==> flow/design.v <==
module dp_arith_add_mod #(
  parameter integer WD = 7
) (
  input wire aclk,
  input wire srst,
  input wire [WD-1:0] in0,
  input wire [WD-1:0] in1,
  input wire carry_in,
  output wire [WD-1:0] o,
  output wire carry_out
);
  wire [WD:0] r = in0 + in1 + carry_in;
  reg [WD-1:0] o_d1;
  always @(posedge aclk) begin
    if (srst) begin
      o_d1 <= 0;
    end else begin
      o_d1 <= r[WD-1:0];
    end
  end
  assign o = o_d1;
  reg carry_out_d1;
  always @(posedge aclk) begin
    if (srst) begin
      carry_out_d1 <= 1'b0;
    end else begin
      carry_out_d1 <= r[WD];
    end
  end
  assign carry_out = carry_out_d1;
endmodule
## Tool chain data of dp_arith_add_mod

The steps from the RTL of dp_arith_add_mod to its reports follow in flow order.
Lines are those of the file above, counted from 1.
Library cell names are shortened.
Not given: -

| set-up | value |
|---|---|
| top module | dp_arith_add_mod |
| clock input | aclk |
| cell library | sky130hd |
| corner | tt_025C_1v80 |

## After elaboration

Source: Yosys, flattened and elaborated, memories not mapped. Widths are those after wreduce; folded enables and synchronous resets count as part of the registers. Registers that Yosys merges into a memory's read port (data or address) are not register bits. Print and check cells do not count. Equal cells are merged and count once.

| storage and ports | value |
|---|---|
| input bits | 17 |
| register bits after elaboration | 8 |

| operators by class | value |
|---|---|
| add/subtract/negate cells | 2 |

Operators by type and width:

| kind | number |
|---|---|
| adder 7 x 7 -> 8 bit | 1 |
| adder 8 x 1 -> 8 bit | 1 |

## Depth

Yosys ltp: most cells in a row. Word level: on the elaborated netlist, between registers, memories and ports. Mapped: between sequential cells and ports; inverters and the memories' decode and read muxes count.

| logic depth | value |
|---|---|
| depth after elaboration | 2 |
| ABC_AREA | 0 |
| gate-level depth with buffers | 7 |
| depth with buffers taken out | 7 |

## Netlist

Yosys stat after the flow's synthesis: flattened, memories mapped to cells. It holds for the ABC_AREA given above (unset counts as 0); a run with the other value may have another netlist.
The area totals of this step are shown rounded.

| mapped netlist | value |
|---|---|
| sequential area | 160.2 um^2 |
| buffer cells | 1 |
| chip area (Yosys) | 494.2 um^2 |
| flip-flop cells | 8 |
| standard cells after synthesis | 52 |

Cell types:

| cell type | number | total area (um^2) |
|---|---|---|
| dfxtp_1 | 8 | 160.154 |
| ha_1 | 6 | 75.072 |
| fa_1 | 2 | 40.038 |
| a211oi_1 | 4 | 30.029 |
| o21ai_0 | 5 | 25.024 |
| nor2_1 | 6 | 22.522 |
| o31a_1 | 2 | 17.517 |
| nor3_1 | 3 | 15.014 |
| o21a_1 | 2 | 15.014 |
| nor2b_4 | 1 | 13.763 |
| inv_1 | 3 | 11.261 |
| a221oi_1 | 1 | 8.758 |
| or3b_2 | 1 | 8.758 |
| a21o_1 | 1 | 7.507 |
| and2b_1 | 1 | 7.507 |
| nor3b_1 | 1 | 7.507 |
| or4_1 | 1 | 7.507 |
| nand2b_1 | 1 | 6.256 |

Not listed: further types 3, cells in them 3.

## Path before layout

Source: OpenSTA report_checks on the synthesized netlist (no wires, ideal clock, input and output delay 20% of the period each), path of least setup slack; recovery checks are left aside. Register names are those of the netlist, which keeps one name where synthesis merged equal registers.

| path post-synthesis | value |
|---|---|
| kind | in2reg |
| from | in in0[0] |
| to | reg o_d1[6] |
| setup slack | 0.408 ns |
| arrival time | 2.071 ns |
| stages on the path | 7 |
| library setup time | 0.062 ns |
| required time | 2.478 ns |
| buffers on the path | 0 |
| delay of the path | 1.625 ns |
| period | 2.54 ns |
| period reached after synthesis | 2.132 ns |

"delay of the path" = arrival - input delay + setup time.
"stages on the path": output pins that drive a net of the path, with the launching flip-flop's if there is one; two outputs of one cell count as two.
"period reached after synthesis" is the clock period less the worst setup slack; recovery checks do not enter. This is arithmetic on one report: input and output delays are still those of the set period (20% each).
The rows between start and end are the longest chain of elaborated cells between them; the timing report does not say that the signal goes this way. Where chains are equally long, one stands for them.
Each line given opens the expression or statement behind the cell; cells for indexed reads and writes are added by Yosys, which also makes memories of some case tables.

| between the ends, post-synthesis | value |
|---|---|
| cells stage by stage | fa_1 -> inv_1 -> fa_1 -> nor2b_4 -> o31a_1 -> or4_1 -> nand3_1 |
| cells in the longest elaborated chain | 2 |

RTL lines, path post-synthesis:

| element | RTL line | source |
|---|---|---|
| start: declaration | 6 | `input wire [WD-1:0] in0,` |
| adder 7 x 7 -> 8 bit | 12 | `wire [WD:0] r = in0 + in1 + carry_in;` |
| adder 8 x 1 -> 8 bit | 12 |  |
| end: assignment | 16 | `o_d1 <= 0;` |
| end: assignment | 18 | `o_d1 <= r[WD-1:0];` |
| end: declaration | 13 | `reg [WD-1:0] o_d1;` |

## Worst path after layout

From the final timing report of run A: the path of least setup slack in the routed layout; clock arrival at registers is part of the times.

| path post-layout | value |
|---|---|
| kind | in2reg |
| from | in in0[0] |
| to | reg o_d1[6] |
| setup slack | 0.16 ns |
| buffers on the path | 1 |
| required time | 2.73 ns |
| arrival time | 2.56 ns |
| library setup time | 0.06 ns |
| stages on the path | 8 |
| period | 2.54 ns |

The rows between start and end are the longest chain of elaborated cells between them; the timing report does not say that the signal goes this way. Where chains are equally long, one stands for them.

| between the ends, post-layout | value |
|---|---|
| cells stage by stage | clkdlybuf4s50_1 -> fa_1 -> inv_1 -> fa_1 -> nor2b_4 -> o31a_1 -> or4_1 -> nand3_1 |
| cells in the longest elaborated chain | 2 |

RTL lines, path post-layout:

| element | RTL line | source |
|---|---|---|
| start: declaration | 6 | `input wire [WD-1:0] in0,` |
| adder 7 x 7 -> 8 bit | 12 | `wire [WD:0] r = in0 + in1 + carry_in;` |
| adder 8 x 1 -> 8 bit | 12 |  |
| end: assignment | 16 | `o_d1 <= 0;` |
| end: assignment | 18 | `o_d1 <= r[WD-1:0];` |
| end: declaration | 13 | `reg [WD-1:0] o_d1;` |

Hand-over note for dp_arith_add_mod

dp_arith_add_mod through Yosys and OpenROAD on sky130hd: 3 stored runs, unordered, with their settings and measured results. The constraints put input and output delay at 20% of the set period each and load the outputs with 0.01 pF.
"achieved period" = clock period - worst setup slack. The figure is calculated, with input and output delays left at 20% of the set period.
"critical path time" means the part of the period allowed to the worst setup path (the constraints hold back 20% at inputs and 20% at outputs) less its slack; where the path has registers, the arrival times of their clocks count too.
"overall power" is the tool's figure for a default switching activity; nothing was simulated.
Results are given in rounded form.

#### Run A

| setting | value |
|---|---|
| period_ns | `2.54` |
| CAP_MARGIN | `20` |
| CORE_MARGIN | `2` |
| CORE_UTILIZATION | `40` |
| SLEW_MARGIN | `20` |

| result | value |
|---|---|
| chip area in the Yosys report | 494.2 um^2 |
| die area | 1533 um^2 |
| standard-cell area after layout | 785.8 um^2 |
| final utilization | 69.8% |
| setup slack of the worst path | 0.163 ns |
| total negative setup slack | 0.000 ns |
| worst hold slack in the final report | 1.015 ns |
| overall power | 369.2 µW |
| achieved period | 2.377 ns |
| critical path time | 1.87 ns |
| worst setup path kind | in2reg |

#### Run B

| setting | value |
|---|---|
| period_ns | `3.45` |
| CORE_UTILIZATION | `70` |
| SETUP_SLACK_MARGIN | `1.01` |
| PLACE_DENSITY_LB_ADDON | `0.12` |
| CORE_ASPECT_RATIO | `1.6` |
| ABC_AREA | `0` |
| CTS_CLUSTER_SIZE | `70` |
| CTS_CLUSTER_DIAMETER | `34` |
| CAP_MARGIN | `20` |
| CORE_MARGIN | `2` |
| SLEW_MARGIN | `20` |

Not finished: floorplanning ended with error PDN-0185.

#### Run C

| setting | value |
|---|---|
| period_ns | `1.91` |
| CORE_UTILIZATION | `57` |
| PLACE_DENSITY_LB_ADDON | `0.18` |
| ABC_AREA | `1` |
| CTS_CLUSTER_SIZE | `80` |
| SLEW_MARGIN | `25` |
| MAX_ROUTING_LAYER | `met4` |
| CAP_MARGIN | `20` |
| CORE_MARGIN | `2` |

Not finished: floorplanning ended with error PDN-0185.

End of note.
